==> flow/design.v <==
module ex_compare #(
    parameter integer BITS = 128
) (
    input  aclk,
    input  [BITS-1:0] opa,
    input  [BITS-1:0] opb,
    output reg is_lt,
    output reg same
);
    reg [BITS-1:0] opa_r;
    reg [BITS-1:0] opb_r;
    reg [BITS:0] work_r;
    always @(posedge aclk) begin
        opa_r <= opa;
        opb_r <= opb;
        work_r <= {1'b0, opa_r} - {1'b0, opb_r};
        is_lt <= work_r[BITS];
        same <= ~|work_r[BITS-1:0];
    end
endmodule
### Step by step through the tools: ex_compare

The steps from the RTL of ex_compare to its reports follow in flow order.
Line numbers count from 1 in the design file above.
Operators carry their Yosys type and port widths (W data, S select, Z words).
Not given: -

* top: ex_compare
* clock port: aclk
* cell library: sky130hd
* library corner: tt_025C_1v80

### Elaborated design

Yosys after proc, flatten, opt, wreduce and memory -nomap, before mapping. Enables and synchronous resets that opt folds into registers are not counted as muxes. Memory bits, and registers merged into a memory's read port (data or address), are not among the register bits. Print and check cells are not counted. Equal cells are merged and count once.

* output and inout port bits: 2
* bits of input ports: 257
* flip-flop bits (word level): 387

* $add $sub $neg: 1
* reduce/logical cells: 2

Operator list (number)
* $sub A128 B128 Y129: 1
* $reduce_or A128 Y1: 1
* $logic_not A1 Y1: 1

### Longest topological paths

Yosys ltp: most cells in a row. Word level: on the elaborated netlist, between registers, memories and ports. Mapped: between sequential cells and ports; inverters and the memories' decode and read muxes count.

* depth in word-level cells: 2
* ABC_AREA: 0
* gate-level depth with buffers: 15
* gate-level depth less buffers: 15

### Mapped cells and area

Source: synth_stat.txt of the flow (Yosys; design flattened, memories mapped). It holds for the ABC_AREA given above (unset counts as 0); a run with the other value may have another netlist.
The area totals of this step are shown rounded.

Cells by type
* sky130_fd_sc_hd__dfxtp_1: number 387, area in all 7747.43 µm²
* sky130_fd_sc_hd__ha_1: number 128, area in all 1.6E+03 µm²
* sky130_fd_sc_hd__a21oi_1: number 188, area in all 940.902 µm²
* sky130_fd_sc_hd__xnor2_1: number 81, area in all 709.43 µm²
* sky130_fd_sc_hd__a21o_1: number 90, area in all 675.648 µm²
* sky130_fd_sc_hd__inv_1: number 164, area in all 615.59 µm²
* sky130_fd_sc_hd__o21ai_0: number 101, area in all 505.485 µm²
* sky130_fd_sc_hd__nand4_1: number 77, area in all 481.712 µm²
* sky130_fd_sc_hd__nand2_1: number 106, area in all 397.882 µm²
* sky130_fd_sc_hd__xor2_1: number 43, area in all 376.611 µm²
* sky130_fd_sc_hd__nor2_1: number 99, area in all 371.606 µm²
* sky130_fd_sc_hd__o21bai_1: number 40, area in all 300.288 µm²
* sky130_fd_sc_hd__nor4_1: number 40, area in all 250.24 µm²
* sky130_fd_sc_hd__clkbuf_1: number 53, area in all 198.941 µm²
* sky130_fd_sc_hd__nor3_1: number 28, area in all 140.134 µm²
* sky130_fd_sc_hd__o21a_1: number 15, area in all 112.608 µm²
* sky130_fd_sc_hd__buf_2: number 20, area in all 100.096 µm²
* sky130_fd_sc_hd__nand2b_1: number 14, area in all 87.584 µm²

Other cell types: 44; their cells: 144.

* area of sequential cells: 7747 µm²
* flip-flops: 387
* chip area (Yosys): 16700 µm²
* cells in the netlist: 1818

### Path before layout

OpenSTA on the mapped netlist: ideal clock, no wires. The path of least setup slack (recovery checks aside). Input and output delay are each 20% of the period. Register names are those of the netlist, which keeps one name where synthesis merged equal registers.

* kind: register to register
* start point: reg opa_r[0]
* end point: reg work_r[126]
* slack: 0.849 ns
* stages on the path: 16
* period: 4.24 ns
* data required time: 4.168 ns
* time at the first pin: 0.000 ns
* delay of the path: 3.391 ns
* library setup time: 0.072 ns
* data arrival time: 3.319 ns
* synthesis period reached: 3.391 ns

"delay of the path" = arrival - input delay + setup time.
"stages on the path": output pins that drive a net of the path, with the launching flip-flop's if there is one; two outputs of one cell count as two.
"synthesis period reached" = period - worst setup slack (recovery checks aside). The figure is calculated, with input and output delays left at 20% of the set period.
Between the ends stands the longest chain of elaborated cells between them, by number of cells; it is not shown to be the way that was timed. Of several equally long chains one is given.
A line is the first line of the expression or statement that the cell stems from. Yosys adds cells for indexed reads and writes and turns some case tables into memories.

* cells stage by stage: sky130_fd_sc_hd__dfxtp_1 > sky130_fd_sc_hd__inv_1 > sky130_fd_sc_hd__ha_1 > sky130_fd_sc_hd__fa_1 > sky130_fd_sc_hd__nand2b_1 > sky130_fd_sc_hd__a21oi_1 > sky130_fd_sc_hd__o2111ai_1 > sky130_fd_sc_hd__a211oi_2 > sky130_fd_sc_hd__nor4_2 > sky130_fd_sc_hd__nand2_1 > sky130_fd_sc_hd__a31o_4 > sky130_fd_sc_hd__a41oi_2 > sky130_fd_sc_hd__o311a_1 > sky130_fd_sc_hd__o41a_1 > sky130_fd_sc_hd__o41ai_2 > sky130_fd_sc_hd__xor2_1
* cells in the longest elaborated chain: 1

Ends and longest elaborated chain, after synthesis
* from (decl): RTL line 10 `reg [BITS-1:0] opa_r;`
* from (assign): RTL line 14 `opa_r <= opa;`
* $sub A128 B128 Y129: RTL line 16 `work_r <= {1'b0, opa_r} - {1'b0, opb_r};`
* to (assign): RTL line 16
* to (decl): RTL line 12 `reg [BITS:0] work_r;`

### Timing after layout

Path of least setup slack in the final report of run A (OpenROAD, finished layout, wires in). Where an end is a register, its clock arrival counts in the times.

* kind: register to register
* start point: reg opa_r[0]
* end point: reg work_r[126]
* data required time: 3.26 ns
* time at the first pin: 0.57 ns
* stages on the path: 17
* period: 2.73 ns
* library setup time: 0.05 ns
* data arrival time: 3.97 ns
* slack: -0.71 ns

Between the ends stands the longest chain of elaborated cells between them, by number of cells; it is not shown to be the way that was timed. Of several equally long chains one is given.

* cells stage by stage: sky130_fd_sc_hd__dfxtp_1 > sky130_fd_sc_hd__inv_1 > sky130_fd_sc_hd__ha_2 > sky130_fd_sc_hd__fa_2 > sky130_fd_sc_hd__nand2b_4 > sky130_fd_sc_hd__a21oi_4 > sky130_fd_sc_hd__o2111ai_4 > sky130_fd_sc_hd__a211oi_2 > sky130_fd_sc_hd__nor4_2 > sky130_fd_sc_hd__buf_4 > sky130_fd_sc_hd__nand2_4 > sky130_fd_sc_hd__a31o_4 > sky130_fd_sc_hd__a41oi_4 > sky130_fd_sc_hd__o311a_4 > sky130_fd_sc_hd__o41a_1 > sky130_fd_sc_hd__o41ai_2 > sky130_fd_sc_hd__xor2_1
* cells in the longest elaborated chain: 1

Ends and longest elaborated chain, after layout
* from (decl): RTL line 10 `reg [BITS-1:0] opa_r;`
* from (assign): RTL line 14 `opa_r <= opa;`
* $sub A128 B128 Y129: RTL line 16 `work_r <= {1'b0, opa_r} - {1'b0, opb_r};`
* to (assign): RTL line 16
* to (decl): RTL line 12 `reg [BITS:0] work_r;`

Memo
Re: implementation data of ex_compare

Design ex_compare on sky130hd. What follows are 3 stored runs of the flow, each under its own settings; their order means nothing. The constraints put input and output delay at 20% of the set period each and load the outputs with 0.01 pF.
"time of the worst setup path" = time allowed to the worst setup path (clock period - input delay - output delay, where it has them) - its slack; a late launch clock adds to it, a late capture clock takes from it.
By "power consumption" is meant OpenSTA's value without simulated activity: inputs other than the clock are taken to toggle once in ten clock periods, and the tool carries that through the logic.
The measured numbers are rounded.

### Run A

Settings: `period_ns=2.73`, `CORE_UTILIZATION=17`, `SETUP_SLACK_MARGIN=0.48`, `CORE_ASPECT_RATIO=1.19`, `CELL_PAD_IN_SITES_GLOBAL_PLACEMENT=0`, `ABC_AREA=0`, `CTS_CLUSTER_SIZE=44`, `CTS_CLUSTER_DIAMETER=116`, `MAX_ROUTING_LAYER=met4`, `CAP_MARGIN=20`, `CORE_MARGIN=2`, `SLEW_MARGIN=20`

- Power consumption: 14530 µW
- Die outline area: 100800 µm²
- Chip area after synthesis (Yosys): 16700 µm²
- Setup slack of the worst path: -0.708 ns
- Time of the worst setup path: 3.44 ns
- Kind of the worst setup path: register to register
- Setup total negative slack: -27.79 ns
- Standard-cell area after layout: 27430 µm²
- Utilization after routing: 28.2 %

### Run B

Settings: `period_ns=4.24`, `CAP_MARGIN=20`, `CORE_MARGIN=2`, `CORE_UTILIZATION=40`, `SLEW_MARGIN=20`

- Power consumption: 9725 µW
- Die outline area: 43400 µm²
- Chip area after synthesis (Yosys): 16700 µm²
- Setup slack of the worst path: 0.313 ns
- Time of the worst setup path: 3.93 ns
- Kind of the worst setup path: register to register
- Setup total negative slack: 0.000 ns
- Standard-cell area after layout: 21250 µm²
- Utilization after routing: 51.8 %

### Run C

Settings: `period_ns=2.17`, `CORE_UTILIZATION=34`, `CELL_PAD_IN_SITES_GLOBAL_PLACEMENT=1`, `ABC_AREA=0`, `CTS_CLUSTER_SIZE=78`, `CAP_MARGIN=0`, `SLEW_MARGIN=25`, `MIN_ROUTING_LAYER=met2`, `CORE_MARGIN=2`

- Power consumption: 22240 µW
- Die outline area: 50910 µm²
- Chip area after synthesis (Yosys): 16700 µm²
- Setup slack of the worst path: -1.432 ns
- Time of the worst setup path: 3.60 ns
- Kind of the worst setup path: register to register
- Setup total negative slack: -89.42 ns
- Standard-cell area after layout: 29270 µm²
- Utilization after routing: 60.0 %
